==> flow/design.v <==
module reg_word #(parameter N = 8) (
  input wire clk,
  input wire en,
  input wire [N-1:0] d,
  output reg [N-1:0] q
);
  always @(posedge clk)
    if (en) q <= d;
endmodule
module dp_reg_file_v2 #(
  parameter ENTRIES = 10,
  parameter DATA_W = 12,
  parameter N_READ = 3,
  parameter ADDR_W = $clog2(ENTRIES)
) (
  input  wire aclk,
  input  wire wr_i,
  input  wire [ADDR_W-1:0] wr_idx_i,
  input  wire [DATA_W-1:0] write_data_i,
  input  wire [N_READ*ADDR_W-1:0] rsel_i,
  output wire [N_READ*DATA_W-1:0] dout_o
);
  reg wr_ff;
  reg [ADDR_W-1:0] wr_idx_ff;
  reg [DATA_W-1:0] write_data_ff;
  always @(posedge aclk) begin
    wr_ff <= wr_i;
    wr_idx_ff <= wr_idx_i;
    write_data_ff <= write_data_i;
  end
  wire [ENTRIES*DATA_W-1:0] mem;
  genvar k;
  generate
    for (k = 0; k < ENTRIES; k = k + 1) begin : lane
      reg_word #(.N(DATA_W)) u (.clk(aclk), .en(wr_ff && wr_idx_ff == k), .d(write_data_ff), .q(mem[k*DATA_W +: DATA_W]));
    end
  endgenerate
  reg [N_READ*ADDR_W-1:0] rsel_ff;
  always @(posedge aclk) begin
    rsel_ff <= rsel_i;
  end
  wire [N_READ*DATA_W-1:0] nxt;
  genvar gj;
  generate
    for (gj = 0; gj < N_READ; gj = gj + 1) begin : g_bit
      assign nxt[gj*DATA_W +: DATA_W] = mem[rsel_ff[gj*ADDR_W +: ADDR_W]*DATA_W +: DATA_W];
    end
  endgenerate
  reg [N_READ*DATA_W-1:0] dout_ff;
  always @(posedge aclk) begin
    dout_ff <= nxt;
  end
  assign dout_o = dout_ff;
endmodule
## Step by step through the tools: dp_reg_file_v2

Tool output for the design above, in the order of the flow.
Lines are those of the file above, counted from 1.
Cell names lack the library's common part.
Not given: n/a

- Design top: dp_reg_file_v2
- Clock port: aclk
- Cell library: sky130hd
- Timing corner: tt_025C_1v80

## Word-level counts

Yosys after proc, flatten, opt, wreduce and memory -nomap, before mapping. Enables and synchronous resets that opt folds into registers are not counted as muxes. Memory bits, and registers merged into a memory's read port (data or address), are not among the register bits. Print and check cells are not counted. Equal cells are merged and count once.

- Flip-flop bits (word level): 185
- Input port bits: 30
- Cells after elaboration: 41

- Multiply operators: 3
- Equal/unequal tests: 9
- Shift-type cells: 3
- Reduce/logical cells: 11

Operators by type and width:

| kind | count |
|---|---|
| 120-bit by 9-bit variable part select with 12-bit output | 3 |
| 4-bit by 2-bit multiplier with 6-bit output with constant B | 3 |
| 4-bit by 3-bit == test with 1-bit output with constant B | 4 |
| 1-bit logical AND | 10 |
| 4-bit by 2-bit == test with 1-bit output with constant B | 2 |
| 4-bit == test with constant B | 2 |
| 4-bit by 1-bit == test with 1-bit output with constant B | 1 |
| 4-bit logical NOT | 1 |

## Longest topological paths

Yosys ltp: most cells in a row. Word level: on the elaborated netlist, between registers, memories and ports. Mapped: between sequential cells and ports; inverters and the memories' decode and read muxes count.

- Depth in word-level cells: 2
- ABC_AREA: 1
- Gate-level depth with buffers: 9
- Depth with buffers taken out: 6

## Netlist

The flow's flattened synthesis, as Yosys stat reports it; memories are mapped. The netlist is that of the ABC_AREA named above (0 if unset); the other value can give another one.

Cells by type:

| type | count | area in all (sq um) |
|---|---|---|
| edfxtp_1 | 120 | 3.6E+03 |
| nand2_1 | 403 | 1.51E+03 |
| dfxtp_1 | 65 | 1.3E+03 |
| nand3_1 | 252 | 1261.21 |
| inv_1 | 121 | 454.186 |
| o21ai_0 | 36 | 180.173 |
| buf_2 | 33 | 165.158 |
| buf_6 | 9 | 101.347 |
| clkbuf_1 | 15 | 56.304 |
| buf_4 | 5 | 37.536 |
| nor2_1 | 9 | 33.782 |
| nor3_1 | 4 | 20.019 |
| buf_1 | 4 | 15.014 |
| inv_2 | 3 | 11.261 |
| nor3_2 | 1 | 10.01 |

- Standard cells after synthesis: 1080
- Cell area after synthesis: 8763.4 sq um
- Area of sequential cells: 4904.7 sq um
- Flip-flops: 185
- Buffer cells: 66

## Path before layout

Source: OpenSTA report_checks on the synthesized netlist (no wires, ideal clock, input and output delay 20% of the period each), path of least setup slack; recovery checks are left aside. Register names are those of the netlist, which keeps one name where synthesis merged equal registers.

- Path kind: register to register
- Start: register wr_idx_ff[1]
- End: register lane[9].u.q[0]
- Clock period: 2600 ps
- Setup time: 396 ps
- Launch time at the first pin: 0 ps
- Arrival time: 1337 ps
- Path slack: 866 ps
- Path delay: 1733 ps
- Stages: 4
- Path buffers: 0
- Synthesis period reached: 1734 ps

"path delay" is the arrival time less input delay plus setup time.
"stages": output pins that drive a net of the path, with the launching flip-flop's if there is one; two outputs of one cell count as two.
"synthesis period reached" is the clock period less the worst setup slack; recovery checks do not enter. This is arithmetic on one report: input and output delays are still those of the set period (20% each).
The rows between start and end are the longest chain of elaborated cells between them; the timing report does not say that the signal goes this way. Where chains are equally long, one stands for them.
Each line given opens the expression or statement behind the cell; cells for indexed reads and writes are added by Yosys, which also makes memories of some case tables.

- Cell sequence: dfxtp_1 -> inv_1 -> nand2_1 -> nor3_1
- Length of the longest elaborated chain: 2
- Elaborated cells on any way between the ends: 2

Ends and longest elaborated chain, post-synthesis:

| what | RTL line | text |
|---|---|---|
| start: declaration | 24 | `reg [ADDR_W-1:0] wr_idx_ff;` |
| start: assignment | 28 | `wr_idx_ff <= wr_idx_i;` |
| 4-bit == test | 35 | `reg_word #(.N(DATA_W)) u (.clk(aclk), .en(wr_ff && wr_idx_ff == k), .d(write_data_ff), .q(mem[k*DATA_W +: DATA ...` |
| 1-bit logical AND | 35 |  |
| end: assignment | 8 | `if (en) q <= d;` |
| end: declaration | 5 | `output reg [N-1:0] q` |

## Worst path after layout

Path of least setup slack in the final report of flow run 1 (OpenROAD, finished layout, wires in). Where an end is a register, its clock arrival counts in the times.
The report prints the path's times to 10 ps; the period is as set.

- Path kind: register to output
- Start: register dout_ff[4]
- End: output dout_o[4]
- Clock period: 3380 ps
- Launch time at the first pin: 430 ps
- Arrival time: 1460 ps
- Path slack: 1250 ps
- Stages: 2
- Path buffers: 1

- Cell sequence: dfxtp_1 -> clkdlybuf4s50_1
- Length of the longest elaborated chain: 0
- Elaborated cells on any way between the ends: 0

Ends and longest elaborated chain, after layout:

| what | RTL line | text |
|---|---|---|
| start: declaration | 49 | `reg [N_READ*DATA_W-1:0] dout_ff;` |
| start: assignment | 51 | `dout_ff <= nxt;` |
| end: declaration | 21 | `output wire [N_READ*DATA_W-1:0] dout_o` |

FLOW RESULTS
============

Record of 3 stored runs of the RTL-to-layout flow on dp_reg_file_v2, platform sky130hd. The runs are unordered. Constraints: input delay and output delay 20% of the set period each, output load 0.01 pF.

### Flow run 1

==> flow/run.sh <==
#!/bin/bash
# the make line also repeats the synthesis and layout settings of config.mk as NAME=value (left out here)
make -C /OpenROAD-flow-scripts/flow DESIGN_CONFIG=/design/flow/config.mk WORK_HOME=/design/flow/orfs CLKGATE_MAP_FILE= finish
==> flow/config.mk <==
export PLATFORM = sky130hd
export DESIGN_NAME = dp_reg_file_v2
export DESIGN_NICKNAME = dp_reg_file_v2
export VERILOG_FILES = /design/flow/design.v
export SDC_FILE = /design/flow/constraint.sdc
export NUM_CORES = 4
export LEC_CHECK = 0
export ABC_AREA = 1
export CAP_MARGIN = 30
export CELL_PAD_IN_SITES_GLOBAL_PLACEMENT = 0
export CORE_ASPECT_RATIO = 1.22
export CORE_MARGIN = 2
export CORE_UTILIZATION = 45
export CTS_CLUSTER_DIAMETER = 303
export PLACE_DENSITY_LB_ADDON = 0.29
export SETUP_SLACK_MARGIN = 0.21
export SLEW_MARGIN = 20
==> flow/constraint.sdc <==
create_clock -name core_clock -period 3.38 [get_ports {aclk}]
set_input_delay 0.6760 -clock core_clock [delete_from_list [all_inputs] [get_ports {aclk}]]
set_output_delay 0.6760 -clock core_clock [all_outputs]
set_load 0.01 [all_outputs]

Results of flow run 1:
- Total negative slack: 0 ps
- Area inside the die boundary: 20611.3 sq um
- Final utilization: 52.8 %
- Synthesized cell area: 8763.4 sq um
- Lowest setup slack: 1249 ps
- Worst hold slack in the final report: 586 ps

### Flow run 2

==> flow/run.sh <==
#!/bin/bash
# the make line also repeats the synthesis and layout settings of config.mk as NAME=value (left out here)
make -C /OpenROAD-flow-scripts/flow DESIGN_CONFIG=/design/flow/config.mk WORK_HOME=/design/flow/orfs CLKGATE_MAP_FILE= finish
==> flow/config.mk <==
export PLATFORM = sky130hd
export DESIGN_NAME = dp_reg_file_v2
export DESIGN_NICKNAME = dp_reg_file_v2
export VERILOG_FILES = /design/flow/design.v
export SDC_FILE = /design/flow/constraint.sdc
export NUM_CORES = 4
export LEC_CHECK = 0
export ABC_AREA = 1
export CAP_MARGIN = 30
export CELL_PAD_IN_SITES_DETAIL_PLACEMENT = 2
export CELL_PAD_IN_SITES_GLOBAL_PLACEMENT = 1
export CORE_MARGIN = 2
export CORE_UTILIZATION = 32
export CTS_CLUSTER_DIAMETER = 395
export CTS_CLUSTER_SIZE = 78
export GPL_ROUTABILITY_DRIVEN = 0
export MAX_ROUTING_LAYER = met4
export MIN_ROUTING_LAYER = met1
export PLACE_DENSITY_LB_ADDON = 0.27
export SETUP_SLACK_MARGIN = 0.02
export SLEW_MARGIN = 20
==> flow/constraint.sdc <==
create_clock -name core_clock -period 1.33 [get_ports {aclk}]
set_input_delay 0.2660 -clock core_clock [delete_from_list [all_inputs] [get_ports {aclk}]]
set_output_delay 0.2660 -clock core_clock [all_outputs]
set_load 0.01 [all_outputs]

Results of flow run 2:
- Total negative slack: -178 ps
- Area inside the die boundary: 28725.2 sq um
- Final utilization: 44.1 %
- Synthesized cell area: 8763.4 sq um
- Lowest setup slack: -87 ps
- Worst hold slack in the final report: 233 ps

### Flow run 3

==> flow/run.sh <==
#!/bin/bash
# the make line also repeats the synthesis and layout settings of config.mk as NAME=value (left out here)
make -C /OpenROAD-flow-scripts/flow DESIGN_CONFIG=/design/flow/config.mk WORK_HOME=/design/flow/orfs CLKGATE_MAP_FILE= finish
==> flow/config.mk <==
export PLATFORM = sky130hd
export DESIGN_NAME = dp_reg_file_v2
export DESIGN_NICKNAME = dp_reg_file_v2
export VERILOG_FILES = /design/flow/design.v
export SDC_FILE = /design/flow/constraint.sdc
export NUM_CORES = 4
export LEC_CHECK = 0
export CAP_MARGIN = 20
export CORE_MARGIN = 2
export CORE_UTILIZATION = 40
export SLEW_MARGIN = 20
==> flow/constraint.sdc <==
create_clock -name core_clock -period 2.6 [get_ports {aclk}]
set_input_delay 0.5200 -clock core_clock [delete_from_list [all_inputs] [get_ports {aclk}]]
set_output_delay 0.5200 -clock core_clock [all_outputs]
set_load 0.01 [all_outputs]

Results of flow run 3:
- Total negative slack: 0 ps
- Area inside the die boundary: 21540.0 sq um
- Final utilization: 48.8 %
- Synthesized cell area: 8152.8 sq um
- Lowest setup slack: 651 ps
- Worst hold slack in the final report: 519 ps
